==> flow/design.v <==
module sync_reg_bank_top (core_clk, load, wa, wd, raddr_a, raddr_b, dout_a, dout_b);
    parameter D = 48;
    parameter DWIDTH = 4;
    localparam ADDR_W = $clog2(D);
    input core_clk;
    input load;
    input [ADDR_W-1:0] wa;
    input [DWIDTH-1:0] wd;
    input [ADDR_W-1:0] raddr_a;
    input [ADDR_W-1:0] raddr_b;
    output [DWIDTH-1:0] dout_a;
    output [DWIDTH-1:0] dout_b;
    reg [DWIDTH-1:0] bank [0:D-1];
    always @(posedge core_clk) begin
        if (load && wa != 0)
            bank[wa] <= wd;
    end
    assign dout_a = (raddr_a == 0) ? {DWIDTH{1'b0}} : bank[raddr_a];
    assign dout_b = (raddr_b == 0) ? {DWIDTH{1'b0}} : bank[raddr_b];
endmodule
* Reports on sync_reg_bank_top
What the tools print for sync_reg_bank_top, step after step.
Line numbers count from 1 in the design file above.
Operators: Yosys type, input widths -> output width; for muxes data width and select width s.
Cell names lack the library's common part.
A cell with n/a has no value.
- Top module :: sync_reg_bank_top
- Clock input :: core_clk
- Library :: sky130hd
- Corner :: tt_025C_1v80

* Word-level counts
Counts by Yosys on the flattened word-level netlist (proc, flatten, opt, wreduce; memories kept). Register bits leave out memories and registers merged into their read ports (data or address); mux counts leave out enables and synchronous resets folded into registers. Print and check cells are left out. Cells with the same type and inputs are merged into one.
Memory sizes are those after Yosys's memory passes, which may raise the word count (mostly to a power of two), join words into wider ones and drop unused or constant bits.
- Memories kept :: 1
- Memory bits (writable) :: 192
- Output and inout port bits :: 8
- Bits of input ports :: 24
- Cells after elaboration :: 10
- Bits in registers :: 0
- Reduce/logical cells :: 4
- Mux-type cells :: 5
** Memory list
- bank :: words 48, width 4, read ports 2, wr ports 1, line 13 : reg [DWIDTH-1:0] bank [0:D-1];
** Operators with widths (number)
- $logic_not 6->1 :: 2
- $mux 4 :: 3
- $reduce_bool 6->1 :: 1
- $mux 6 :: 1
- $logic_and 1x1->1 :: 1
- $mux 1 :: 1

* Longest topological paths
Depth = most cells in a row (Yosys ltp): at word level without a register or memory, in the mapped netlist without a sequential cell, where the memories' decode and read muxes count.
- Depth in word-level cells :: 3
- ABC_AREA :: 0
- Depth in mapped cells :: 8
- Mapped depth without buffers :: 5

* Synthesis result
Yosys stat after the flow's synthesis: flattened, memories mapped to cells. It holds for the ABC_AREA given above (unset counts as 0); a run with the other value may have another netlist.
** Cells by type
- edfxtp_1 :: number 192, total area 5765.53 sq um
- mux4_2 :: number 56, total area 1261.21 sq um
- mux2i_1 :: number 76, total area 760.73 sq um
- nor2_1 :: number 57, total area 213.955 sq um
- mux4_1 :: number 7, total area 183.926 sq um
- a22oi_1 :: number 24, total area 180.173 sq um
- nand3_1 :: number 24, total area 120.115 sq um
- nand2_1 :: number 26, total area 97.594 sq um
- buf_2 :: number 15, total area 75.072 sq um
- mux2_2 :: number 5, total area 56.304 sq um
- nor2b_1 :: number 9, total area 56.304 sq um
- nand4_1 :: number 8, total area 50.048 sq um
- buf_4 :: number 6, total area 45.043 sq um
- nand3b_1 :: number 6, total area 45.043 sq um
- o211ai_1 :: number 6, total area 45.043 sq um
- clkbuf_1 :: number 11, total area 41.29 sq um
- a21oi_1 :: number 8, total area 40.038 sq um
- buf_6 :: number 3, total area 33.782 sq um
Other cell types: 28; their cells: 46.
- Flip-flop cells :: 192
- Cell area after synthesis :: 0.0093965 sq mm
- Cells in the netlist :: 585
- Sequential part of the area :: 0.0057655 sq mm
- Buffer cells :: 37

* Worst setup path after synthesis
Path of least setup slack by OpenSTA after synthesis, without wires, with an ideal clock, recovery checks aside; 20% of the period is set as input and as output delay. Where synthesis merged equal registers, the netlist keeps one of their names.
- Path type :: input port to output port
- Start point :: in raddr_b[0]
- End point :: out dout_b[3]
- Clock period :: 3.04 ns
- Launch time at the first pin :: 0.608 ns
- External input delay :: 0.608 ns
- Buffers on the path :: 2
- Delay of the path :: 1.460 ns
- Stages :: 6
- External output delay :: 0.608 ns
- Required time :: 2.432 ns
- Arrival time :: 2.068 ns
- Path slack :: 0.364 ns
- Period reached after synthesis :: 2.676 ns
"delay of the path" = arrival - input delay + setup time.
A path that ends at an output port has no setup time.
"stages" counts driving pins, that of a launching flip-flop among them; a cell with two outputs on the path counts twice.
"period reached after synthesis" = period - worst setup slack (recovery checks aside). The figure is calculated, with input and output delays left at 20% of the set period.
Between the ends stands the longest chain of elaborated cells between them, by number of cells; it is not shown to be the way that was timed. Of several equally long chains one is given.
A line is the first line of the expression or statement that the cell stems from. Yosys adds cells for indexed reads and writes and turns some case tables into memories.
A memory read counts as a cell of the chain, while the word-level depth stops at memories.
- Cells stage by stage :: buf_2 > buf_2 > mux4_2 > o211ai_1 > nand4_1 > o21a_1
- Length of the longest elaborated chain :: 2
- Elaborated cells between the ends (all ways) :: 3
- Source lines of those cells :: 2
- Classes of those cells :: mux: 1; reduce/logical: 1; memory: 1
** Ends and longest elaborated chain, post-synthesis
- start: declaration :: line 10 : input [ADDR_W-1:0] raddr_b;
- $mem_v2 48x4 :: line 13 : reg [DWIDTH-1:0] bank [0:D-1];
- $mux 4 :: line 19 : assign dout_b = (raddr_b == 0) ? {DWIDTH{1'b0}} : bank[raddr_b];
- end: declaration :: line 12 : output [DWIDTH-1:0] dout_b;

* Path in the finished layout
Path of least setup slack in the final report of stored run 1 (OpenROAD, finished layout, wires in). Where an end is a register, its clock arrival counts in the times.
- Path type :: flip-flop to output port
- Start point :: mem bank[18][3]
- End point :: out dout_a[3]
- Path slack :: 0.03 ns
- External output delay :: 0.61 ns
- Buffers on the path :: 1
- Stages :: 7
- Required time :: 2.43 ns
- Launch time at the first pin :: 0.44 ns
- Clock period :: 3.04 ns
- Arrival time :: 2.40 ns
Between the ends stands the longest chain of elaborated cells between them, by number of cells; it is not shown to be the way that was timed. Of several equally long chains one is given.
A memory read counts as a cell of the chain, while the word-level depth stops at memories.
- Cells stage by stage :: edfxtp_1 > mux4_2 > and2_1 > a211oi_2 > a2111oi_2 > or3_4 > buf_2
- Length of the longest elaborated chain :: 2
- Elaborated cells between the ends (all ways) :: 2
- Source lines of those cells :: 2
- Classes of those cells :: mux: 1; memory: 1
** Ends and longest elaborated chain, after layout
- start: declaration :: line 13 : reg [DWIDTH-1:0] bank [0:D-1];
- $mem_v2 48x4 :: line 13
- $mux 4 :: line 18 : assign dout_a = (raddr_a == 0) ? {DWIDTH{1'b0}} : bank[raddr_a];
- end: declaration :: line 11 : output [DWIDTH-1:0] dout_a;

Subject: flow runs of sync_reg_bank_top

Hi,

Measured data: module sync_reg_bank_top, platform sky130hd, 3 stored runs of the flow under differing settings, order arbitrary. Input and output delays are each 20% of the period that was set; the output load is 0.01 pF.
"achieved period" is the run's clock period less its worst setup slack. It is reckoned from that one timing run; input and output delays stay at 20% of the period that was set.
By "time on the worst setup path" is meant the share of the clock period that the worst setup path is allowed (20% is reserved at inputs, 20% at outputs), minus its slack. Clock arrival times at its registers enter into it.
"power consumption" is the tool's figure for a default switching activity; nothing was simulated.

** Stored run 1
- Settings :: period_ns=3.04; CAP_MARGIN=20; CORE_MARGIN=2; CORE_UTILIZATION=40; SLEW_MARGIN=20
- Die outline area :: 0.0247339 sq mm
- Area of the standard cells in the finished layout :: 0.0116362 sq mm
- Total negative slack on setup checks :: 0.000 ns
- Mapped cell area after synthesis :: 0.0093965 sq mm
- Post-route utilization :: 0.5
- Power consumption :: 5.909 mW
- Time on the worst setup path :: 2.40 ns
- Critical path kind :: flip-flop to output port
- Achieved period :: 3.006 ns
- Setup slack of the critical path :: 0.034 ns
- Worst hold slack in the final report :: 1.092 ns

** Stored run 2
- Settings :: period_ns=2.86; CORE_UTILIZATION=72; PLACE_DENSITY_LB_ADDON=0.09; CORE_MARGIN=9; ABC_AREA=1; GPL_TIMING_DRIVEN=1; CTS_CLUSTER_DIAMETER=339; CAP_MARGIN=30; SLEW_MARGIN=20
- Mapped cell area after synthesis :: 0.0107991 sq mm
- Post-route utilization :: 0.841
- Power consumption :: 6.174 mW
- Total negative slack on setup checks :: 0.000 ns
- Time on the worst setup path :: 1.66 ns
- Critical path kind :: input port to output port
- Achieved period :: 2.804 ns
- Die outline area :: 0.0197318 sq mm
- Setup slack of the critical path :: 0.056 ns
- Area of the standard cells in the finished layout :: 0.012263 sq mm
- Worst hold slack in the final report :: 0.477 ns

** Stored run 3
- Settings :: period_ns=3.62; CORE_UTILIZATION=45; PLACE_DENSITY_LB_ADDON=0.11; CORE_ASPECT_RATIO=1.13; TNS_END_PERCENT=70; GPL_TIMING_DRIVEN=0; CAP_MARGIN=20; CORE_MARGIN=2; SLEW_MARGIN=20
- Area of the standard cells in the finished layout :: 0.010903 sq mm
- Die outline area :: 0.0220552 sq mm
- Achieved period :: 3.599 ns
- Total negative slack on setup checks :: 0.000 ns
- Time on the worst setup path :: 2.15 ns
- Critical path kind :: input port to output port
- Worst hold slack in the final report :: 0.683 ns
- Setup slack of the critical path :: 0.021 ns
- Power consumption :: 4.924 mW
- Mapped cell area after synthesis :: 0.0093965 sq mm
- Post-route utilization :: 0.529

Regards
